==> flow/design.v <==
module u_arith_add_top #(
    parameter integer DWIDTH = 8
) (
    input  wire clk_i,
    input  wire rst_i,
    input  wire [DWIDTH-1:0] rs1_i,
    input  wire [DWIDTH-1:0] rs2_i,
    input  wire [DWIDTH-1:0] rs3_i,
    output wire [DWIDTH+1:0] out_o
);
    reg [DWIDTH-1:0] r_rs1;
    always @(posedge clk_i or posedge rst_i) begin
        if (rst_i) begin
            r_rs1 <= 0;
        end else begin
            r_rs1 <= rs1_i;
        end
    end
    reg [DWIDTH-1:0] r_rs2;
    always @(posedge clk_i or posedge rst_i) begin
        if (rst_i) begin
            r_rs2 <= 0;
        end else begin
            r_rs2 <= rs2_i;
        end
    end
    reg [DWIDTH-1:0] r_rs3;
    always @(posedge clk_i or posedge rst_i) begin
        if (rst_i) begin
            r_rs3 <= 0;
        end else begin
            r_rs3 <= rs3_i;
        end
    end
    wire [DWIDTH-1:0] val;
    assign val = r_rs1 ^ r_rs2 ^ r_rs3;
    wire [DWIDTH-1:0] carry;
    assign carry = (r_rs1 & r_rs2) | (r_rs1 & r_rs3) | (r_rs2 & r_rs3);
    assign out_o = val + {carry, 1'b0};
endmodule
=== Tool chain data of u_arith_add_top ===
Tool output for the design above, in the order of the flow.
Line numbers count from 1 in the design file above.
Cell names lack the library's common part.
The mark - stands for no value.

* Top module: u_arith_add_top
* Clock port: clk_i
* Library: sky130hd
* Corner: tt_025C_1v80

=== After elaboration ===
Source: Yosys, flattened and elaborated, memories not mapped. Widths are those after wreduce; folded enables and synchronous resets count as part of the registers. Registers that Yosys merges into a memory's read port (data or address) are not register bits. Print and check cells do not count. Equal cells are merged and count once.

* Add/subtract/negate cells: 1
* Bitwise logic cells: 7

{| class="wikitable"
|+ Operator list
! kind !! number
|-
| 8-bit bitwise AND || 3
|-
| 8-bit bitwise OR || 2
|-
| 8-bit XOR || 2
|-
| 8-bit by 9-bit adder with 10-bit output || 1
|}

* Register bits: 24
* Bits of input ports: 26
* Output and inout port bits: 10
* Elaborated cells: 11

=== Depth ===
Yosys ltp: most cells in a row. Word level: on the elaborated netlist, between registers, memories and ports. Mapped: between sequential cells and ports; inverters and the memories' decode and read muxes count.

* Depth in word-level cells: 4
* ABC_AREA: 0
* Mapped depth: 9
* Mapped depth without buffers: 9

=== Netlist ===
The flow's flattened synthesis, as Yosys stat reports it; memories are mapped. The netlist is that of the ABC_AREA named above (0 if unset); the other value can give another one.
The area totals of this step are shown rounded.

* Standard cells after synthesis: 80
* Chip area (Yosys): 0.00113 mm²
* Sequential area: 0.000601 mm²
* Mapped flip-flops: 24
* Buffers: 0

{| class="wikitable"
|+ Cells by type
! cell type !! number
|-
| dfrtp_1 || 24
|-
| fa_1 || 9
|-
| ha_1 || 7
|-
| inv_1 || 12
|-
| a2111oi_4 || 1
|-
| xnor2_1 || 3
|-
| a21oi_1 || 4
|-
| a21o_2 || 2
|-
| xor2_1 || 2
|-
| mux2_4 || 1
|-
| o21bai_1 || 2
|-
| a211oi_2 || 1
|-
| nor2_1 || 3
|-
| nor3_1 || 2
|-
| o21ai_0 || 2
|-
| and2b_2 || 1
|-
| a211oi_1 || 1
|-
| a21o_1 || 1
|}

Not listed: further types 2, cells in them 2.

=== Path before layout ===
Source: OpenSTA report_checks on the synthesized netlist (no wires, ideal clock, input and output delay 20% of the period each), path of least setup slack; recovery checks are left aside. Register names are those of the netlist, which keeps one name where synthesis merged equal registers.

* Path kind: register -> output
* Start point: register r_rs1[2]
* End point: output out_o[8]
* Clock period: 3.36 ns
* External output delay: 0.672 ns
* Data arrival time: 2.148 ns
* Required time: 2.688 ns
* Setup slack: 0.540 ns
* Path delay: 2.148 ns
* Stages: 7
* Buffers on the path: 0
* Synthesis period reached: 2.82 ns

"path delay" = arrival - input delay + setup time.
A path that ends at an output port has no setup time.
"stages" counts driving pins, that of a launching flip-flop among them; a cell with two outputs on the path counts twice.
"synthesis period reached" is the clock period less the worst setup slack; recovery checks do not enter. This is arithmetic on one report: input and output delays are still those of the set period (20% each).
Between the ends stands the longest chain of elaborated cells between them, by number of cells; it is not shown to be the way that was timed. Of several equally long chains one is given.
Each line given opens the expression or statement behind the cell; cells for indexed reads and writes are added by Yosys, which also makes memories of some case tables.

* Path through: dfrtp_1 -> fa_1 -> ha_1 -> a211oi_2 -> nor3_1 -> mux2_4 -> a2111oi_4
* Cells in the longest elaborated chain: 4
* Elaborated cells on any way between the ends: 7
* Classes of those cells: add/sub (1); logic (6)

{| class="wikitable"
|+ Ends and longest elaborated chain, after synthesis
! item !! RTL line !! RTL
|-
| start: declaration || 11 || <nowiki>reg [DWIDTH-1:0] r_rs1;</nowiki>
|-
| start: assignment || 14 || <nowiki>r_rs1 <= 0;</nowiki>
|-
| start: assignment || 16 || <nowiki>r_rs1 <= rs1_i;</nowiki>
|-
| 8-bit bitwise AND || 38 || <nowiki>assign carry = (r_rs1 & r_rs2) | (r_rs1 & r_rs3) | (r_rs2 & r_rs3);</nowiki>
|-
| 8-bit bitwise OR (2 in a row) || 38 ||
|-
| 8-bit by 9-bit adder with 10-bit output || 39 || <nowiki>assign out_o = val + {carry, 1'b0};</nowiki>
|-
| end: declaration || 9 || <nowiki>output wire [DWIDTH+1:0] out_o</nowiki>
|}

=== Worst path after layout ===
From the final timing report of run 1: the path of least setup slack in the routed layout; clock arrival at registers is part of the times.

* Path kind: register -> output
* Start point: register r_rs1[2]
* End point: output out_o[8]
* Clock period: 5.24 ns
* External output delay: 1.05 ns
* Data arrival time: 3.09 ns
* Required time: 4.19 ns
* Setup slack: 1.11 ns
* Stages: 8
* Buffers on the path: 1

Between the ends stands the longest chain of elaborated cells between them, by number of cells; it is not shown to be the way that was timed. Of several equally long chains one is given.

* Path through: dfrtp_1 -> fa_1 -> ha_1 -> a211oi_2 -> nor3_1 -> mux2_4 -> a2111oi_4 -> clkdlybuf4s50_1
* Cells in the longest elaborated chain: 4
* Elaborated cells on any way between the ends: 7
* Classes of those cells: add/sub (1); logic (6)

{| class="wikitable"
|+ Ends and longest elaborated chain, post-layout
! item !! RTL line !! RTL
|-
| start: declaration || 11 || <nowiki>reg [DWIDTH-1:0] r_rs1;</nowiki>
|-
| start: assignment || 14 || <nowiki>r_rs1 <= 0;</nowiki>
|-
| start: assignment || 16 || <nowiki>r_rs1 <= rs1_i;</nowiki>
|-
| 8-bit bitwise AND || 38 || <nowiki>assign carry = (r_rs1 & r_rs2) | (r_rs1 & r_rs3) | (r_rs2 & r_rs3);</nowiki>
|-
| 8-bit bitwise OR (2 in a row) || 38 ||
|-
| 8-bit by 9-bit adder with 10-bit output || 39 || <nowiki>assign out_o = val + {carry, 1'b0};</nowiki>
|-
| end: declaration || 9 || <nowiki>output wire [DWIDTH+1:0] out_o</nowiki>
|}

Hand-over note for u_arith_add_top

Design u_arith_add_top on sky130hd. What follows are 3 stored runs of the flow, each under its own settings; their order means nothing. The constraints put input and output delay at 20% of the set period each and load the outputs with 0.01 pF.
"worst setup path time" = time allowed to the worst setup path (clock period - input delay - output delay, where it has them) - its slack; a late launch clock adds to it, a late capture clock takes from it.
Values from the reports are rounded here.

Run 1
==> flow/run.sh <==
#!/bin/bash
# the make line also repeats the synthesis and layout settings of config.mk as NAME=value (left out here)
make -C /OpenROAD-flow-scripts/flow DESIGN_CONFIG=/design/flow/config.mk WORK_HOME=/design/flow/orfs CLKGATE_MAP_FILE= finish
==> flow/config.mk <==
export PLATFORM = sky130hd
export DESIGN_NAME = u_arith_add_top
export DESIGN_NICKNAME = u_arith_add_top
export VERILOG_FILES = /design/flow/design.v
export SDC_FILE = /design/flow/constraint.sdc
export NUM_CORES = 4
export LEC_CHECK = 0
export CAP_MARGIN = 20
export CELL_PAD_IN_SITES_GLOBAL_PLACEMENT = 1
export CORE_MARGIN = 2
export CORE_UTILIZATION = 35
export CTS_CLUSTER_DIAMETER = 31
export GPL_ROUTABILITY_DRIVEN = 1
export GPL_TIMING_DRIVEN = 0
export MAX_ROUTING_LAYER = met5
export MIN_ROUTING_LAYER = met1
export PLACE_DENSITY_LB_ADDON = 0.06
export SETUP_SLACK_MARGIN = -0.27
export SLEW_MARGIN = 15
export TNS_END_PERCENT = 85
==> flow/constraint.sdc <==
create_clock -name core_clock -period 5.24 [get_ports {clk_i}]
set_input_delay 1.0480 -clock core_clock [delete_from_list [all_inputs] [get_ports {clk_i}]]
set_output_delay 1.0480 -clock core_clock [all_outputs]
set_load 0.01 [all_outputs]

==> results of run 1 <==
chip area after synthesis (Yosys): 0.00113 mm²
die area: 0.0037 mm²
standard-cell area of the final layout: 0.00159 mm²
utilization: 52.0%
worst setup slack after layout: 1.11 ns
total negative slack: 0.000 ns
worst hold slack: 1.17 ns
worst setup path time: 3.09 ns
worst setup path kind: register -> output

Run 2
==> flow/run.sh <==
#!/bin/bash
# the make line also repeats the synthesis and layout settings of config.mk as NAME=value (left out here)
make -C /OpenROAD-flow-scripts/flow DESIGN_CONFIG=/design/flow/config.mk WORK_HOME=/design/flow/orfs CLKGATE_MAP_FILE= finish
==> flow/config.mk <==
export PLATFORM = sky130hd
export DESIGN_NAME = u_arith_add_top
export DESIGN_NICKNAME = u_arith_add_top
export VERILOG_FILES = /design/flow/design.v
export SDC_FILE = /design/flow/constraint.sdc
export NUM_CORES = 4
export LEC_CHECK = 0
export CAP_MARGIN = 20
export CORE_MARGIN = 2
export CORE_UTILIZATION = 40
export SLEW_MARGIN = 20
==> flow/constraint.sdc <==
create_clock -name core_clock -period 3.36 [get_ports {clk_i}]
set_input_delay 0.6720 -clock core_clock [delete_from_list [all_inputs] [get_ports {clk_i}]]
set_output_delay 0.6720 -clock core_clock [all_outputs]
set_load 0.01 [all_outputs]

==> results of run 2 <==
chip area after synthesis (Yosys): 0.00113 mm²
die area: 0.00327 mm²
standard-cell area of the final layout: 0.00167 mm²
utilization: 61.6%
worst setup slack after layout: 0.128 ns
total negative slack: 0.000 ns
worst hold slack: 0.796 ns
worst setup path time: 2.56 ns
worst setup path kind: register -> output

Run 3
==> flow/run.sh <==
#!/bin/bash
# the make line also repeats the synthesis and layout settings of config.mk as NAME=value (left out here)
make -C /OpenROAD-flow-scripts/flow DESIGN_CONFIG=/design/flow/config.mk WORK_HOME=/design/flow/orfs CLKGATE_MAP_FILE= finish
==> flow/config.mk <==
export PLATFORM = sky130hd
export DESIGN_NAME = u_arith_add_top
export DESIGN_NICKNAME = u_arith_add_top
export VERILOG_FILES = /design/flow/design.v
export SDC_FILE = /design/flow/constraint.sdc
export NUM_CORES = 4
export LEC_CHECK = 0
export ABC_AREA = 0
export CAP_MARGIN = 20
export CORE_MARGIN = 2
export CORE_UTILIZATION = 62
export CTS_CLUSTER_SIZE = 76
export MAX_ROUTING_LAYER = met4
export PLACE_DENSITY = 0.63
export SETUP_SLACK_MARGIN = 0.86
export SLEW_MARGIN = 20
export TNS_END_PERCENT = 30
==> flow/constraint.sdc <==
create_clock -name core_clock -period 4.75 [get_ports {clk_i}]
set_input_delay 0.9500 -clock core_clock [delete_from_list [all_inputs] [get_ports {clk_i}]]
set_output_delay 0.9500 -clock core_clock [all_outputs]
set_load 0.01 [all_outputs]

==> results of run 3 <==
chip area after synthesis (Yosys): 0.00113 mm²
die area: 0.00218 mm²
standard-cell area of the final layout: 0.00155 mm²
utilization: 89.9%
worst setup slack after layout: 0.892 ns
total negative slack: 0.000 ns
worst hold slack: 1.04 ns
worst setup path time: 2.91 ns
worst setup path kind: register -> output

End of note.
